==> flow/design.v <==
module sync_barrel #(
  parameter integer WIDTH = 8,
  parameter integer SBITS = $clog2(WIDTH)
) (
  input wire i_clk,
  input wire [WIDTH-1:0] d_i,
  input wire [SBITS-1:0] shamt_i,
  output reg [WIDTH-1:0] res_o
);
  wire [WIDTH-1:0] node [0:SBITS];
  assign node[0] = d_i;
  genvar ii;
  generate
    for (ii = 0; ii < SBITS; ii = ii + 1) begin : row
      assign node[ii+1] = shamt_i[ii] ? (node[ii] << (1 << ii)) | (node[ii] >> (WIDTH - (1 << ii))) : node[ii];
    end
  endgenerate
  always @(posedge i_clk) begin
    res_o <= node[SBITS];
  end
endmodule
Lab notebook: sync_barrel

[Step by step through the tools: sync_barrel]
A sweep over "WIDTH": the same steps for each member of the family.
The RTL above is that of WIDTH=8; lines are counted from 1 in the file of the member named.
Operators: Yosys type, input widths -> output width; for muxes data width and select width s.
Cell names lack the library's common part.
A cell with n/a has no value.
Inputs
  top: sync_barrel
  clock port: i_clk
  standard-cell library: sky130hd
  timing corner: tt_025C_1v80

[Members of the sweep]
New or changed lines of each further member against the RTL above, in its own file; lines it lacks are not shown.
New or changed lines
  WIDTH 16: line 2  | parameter integer WIDTH = 16,
  WIDTH 128: line 2  | parameter integer WIDTH = 128,

[Word level]
Yosys after proc, flatten, opt, wreduce and memory -nomap, before mapping. Enables and synchronous resets that opt folds into registers are not counted as muxes. Memory bits, and registers merged into a memory's read port (data or address), are not among the register bits. Print and check cells are not counted. Equal cells are merged and count once.
Word-level totals (register bits)
  WIDTH 8: 8
  WIDTH 16: 16
  WIDTH 128: 128
Cells by class
  WIDTH 8: bitwise operators 3, mux-type cells 3
  WIDTH 16: bitwise operators 4, mux-type cells 4
  WIDTH 128: bitwise operators 7, mux-type cells 7
Operators with widths (kind and count)
  WIDTH 8: $mux 8: 3; $or 8x1->8: 1; $or 8x2->8: 1; $or 8x4->8: 1
  WIDTH 16: $mux 16: 4; $or 16x1->16: 1; $or 16x2->16: 1; $or 16x4->16: 1; $or 16x8->16: 1
  WIDTH 128: $mux 128: 7; $or 128x1->128: 1; $or 128x16->128: 1; $or 128x2->128: 1; $or 128x32->128: 1; $or 128x4->128: 1; $or 128x64->128: 1; $or 128x8->128: 1

[Longest topological paths]
Yosys ltp: most cells in a row. Word level: on the elaborated netlist, between registers, memories and ports. Mapped: between sequential cells and ports; inverters and the memories' decode and read muxes count.
Logic depth
  WIDTH 8: depth in word-level cells 6, ABC_AREA 0, mapped depth 3, depth with buffers taken out 2
  WIDTH 16: depth in word-level cells 8, ABC_AREA 0, mapped depth 4, depth with buffers taken out 2
  WIDTH 128: depth in word-level cells 14, ABC_AREA 0, mapped depth 6, depth with buffers taken out 4

[After synthesis]
Yosys stat after the flow's synthesis: flattened, memories mapped to cells. It holds for the ABC_AREA given above (unset counts as 0); a run with the other value may have another netlist.
Cell types (type and count)
  WIDTH 8: mux4_1: 8; dfxtp_1: 8; mux2_2: 8; buf_6: 2; buf_1: 1
  WIDTH 16: mux4_2: 25; dfxtp_1: 16; mux4_1: 7; buf_12: 1; buf_6: 1; clkbuf_1: 3; buf_2: 2; buf_1: 1
  WIDTH 128: mux4_2: 384; dfxtp_1: 128; mux2_2: 124; clkbuf_1: 74; buf_12: 10; mux2_4: 4; buf_6: 4; buf_1: 8; buf_2: 2
Synthesis totals
  WIDTH 8: mapped flip-flops 8, chip area (Yosys) 486.7 µm², cell count 27
  WIDTH 16: mapped flip-flops 16, chip area (Yosys) 1123.6 µm², cell count 56
  WIDTH 128: mapped flip-flops 128, chip area (Yosys) 13230.2 µm², cell count 738

[Timing after synthesis]
Path of least setup slack by OpenSTA after synthesis, without wires, with an ideal clock, recovery checks aside; 20% of the period is set as input and as output delay. Where synthesis merged equal registers, the netlist keeps one of their names.
Timing post-synthesis
  WIDTH 8: kind input port to flip-flop, start point in shamt_i[0], end point reg res_o[1], stages 3, delay of the path 1.039 ns, setup slack 0.257 ns, period 1.62 ns, synthesis period reached 1.363 ns
  WIDTH 16: kind input port to flip-flop, start point in shamt_i[3], end point reg res_o[14], stages 3, delay of the path 1.418 ns, setup slack 0.358 ns, period 2.22 ns, synthesis period reached 1.862 ns
  WIDTH 128: kind input port to flip-flop, start point in shamt_i[3], end point reg res_o[38], stages 6, delay of the path 2.400 ns, setup slack 0.600 ns, period 3.75 ns, synthesis period reached 3.15 ns
"delay of the path" = arrival - input delay + setup time.
"stages" counts driving pins, that of a launching flip-flop among them; a cell with two outputs on the path counts twice.
"synthesis period reached" = period - worst setup slack (recovery checks aside). The figure is calculated, with input and output delays left at 20% of the set period.
The rows between start and end are the longest chain of elaborated cells between them; the timing report does not say that the signal goes this way. Where chains are equally long, one stands for them.
Each line given opens the expression or statement behind the cell; cells for indexed reads and writes are added by Yosys, which also makes memories of some case tables.
Between the ends, post-synthesis, WIDTH=8
  cells in the longest elaborated chain: 5
RTL lines, path post-synthesis, WIDTH=8
  start, declared: line 7  | input wire [SBITS-1:0] shamt_i,
  $mux 8: line 15  | assign node[ii+1] = shamt_i[ii] ? (node[ii] << (1 << ii)) | (node[ii] >> (WIDTH - (1 << ii))) : node[ii];
  $or 8x2->8: line 15
  $mux 8: line 15
  $or 8x4->8: line 15
  $mux 8: line 15
  end, assigned: line 19  | res_o <= node[SBITS];
  end, declared: line 8  | output reg [WIDTH-1:0] res_o
Between the ends, post-synthesis, WIDTH=128
  cells in the longest elaborated chain: 7
RTL lines, path post-synthesis, WIDTH=128
  start, declared: line 7  | input wire [SBITS-1:0] shamt_i,
  $mux 128: line 15  | assign node[ii+1] = shamt_i[ii] ? (node[ii] << (1 << ii)) | (node[ii] >> (WIDTH - (1 << ii))) : node[ii];
  $or 128x16->128: line 15
  $mux 128: line 15
  $or 128x32->128: line 15
  $mux 128: line 15
  $or 128x64->128: line 15
  $mux 128: line 15
  end, assigned: line 19  | res_o <= node[SBITS];
  end, declared: line 8  | output reg [WIDTH-1:0] res_o

[Worst path after layout]
From the final timing report of the run of each member: the path of least setup slack in the routed layout; clock arrival at registers is part of the times.
Timing after layout
  WIDTH 8: kind input port to flip-flop, start point in shamt_i[2], end point reg res_o[0], buffers on the path 1, setup slack 0.01 ns, arrival 1.74 ns, stages 3, period 1.62 ns
  WIDTH 16: kind input port to flip-flop, start point in shamt_i[0], end point reg res_o[3], buffers on the path 2, setup slack 0.09 ns, arrival 2.27 ns, stages 4, period 2.22 ns
  WIDTH 128: kind input port to flip-flop, start point in d_i[15], end point reg res_o[82], buffers on the path 1, setup slack 0.68 ns, arrival 3.38 ns, stages 5, period 3.75 ns

[Flow runs]
Settings and results of one run of the flow (Yosys, OpenROAD) for each member follow. The constraints put input and output delay at 20% of the set period each and load the outputs with 0.01 pF.
Settings
  CAP_MARGIN: 20
  CORE_MARGIN: 2
  CORE_UTILIZATION: 40
  SLEW_MARGIN: 20
Settings that differ (period_ns)
  WIDTH 8: 1.62
  WIDTH 16: 2.22
  WIDTH 128: 3.75
Results
  WIDTH 8: standard-cell area after layout 704.4 µm², worst hold slack after layout 0.957 ns, worst slack on setup checks 0.014 ns, achieved clock period 1.606 ns, power consumption 0.0005484 W, total die area 1511.7 µm², chip area in the Yosys report 486.7 µm²
  WIDTH 16: standard-cell area after layout 1560.2 µm², worst hold slack after layout 1.047 ns, worst slack on setup checks 0.095 ns, achieved clock period 2.125 ns, power consumption 0.0008648 W, total die area 3249.0 µm², chip area in the Yosys report 1123.6 µm²
  WIDTH 128: standard-cell area after layout 16957.5 µm², worst hold slack after layout 0.806 ns, worst slack on setup checks 0.682 ns, achieved clock period 3.068 ns, power consumption 0.00707 W, total die area 34545.8 µm², chip area in the Yosys report 13230.2 µm²
"achieved clock period" means the clock period less the worst setup slack. The figure is calculated, with input and output delays left at 20% of the set period.
By "power consumption" is meant OpenSTA's value without simulated activity: inputs other than the clock are taken to toggle once in ten clock periods, and the tool carries that through the logic.
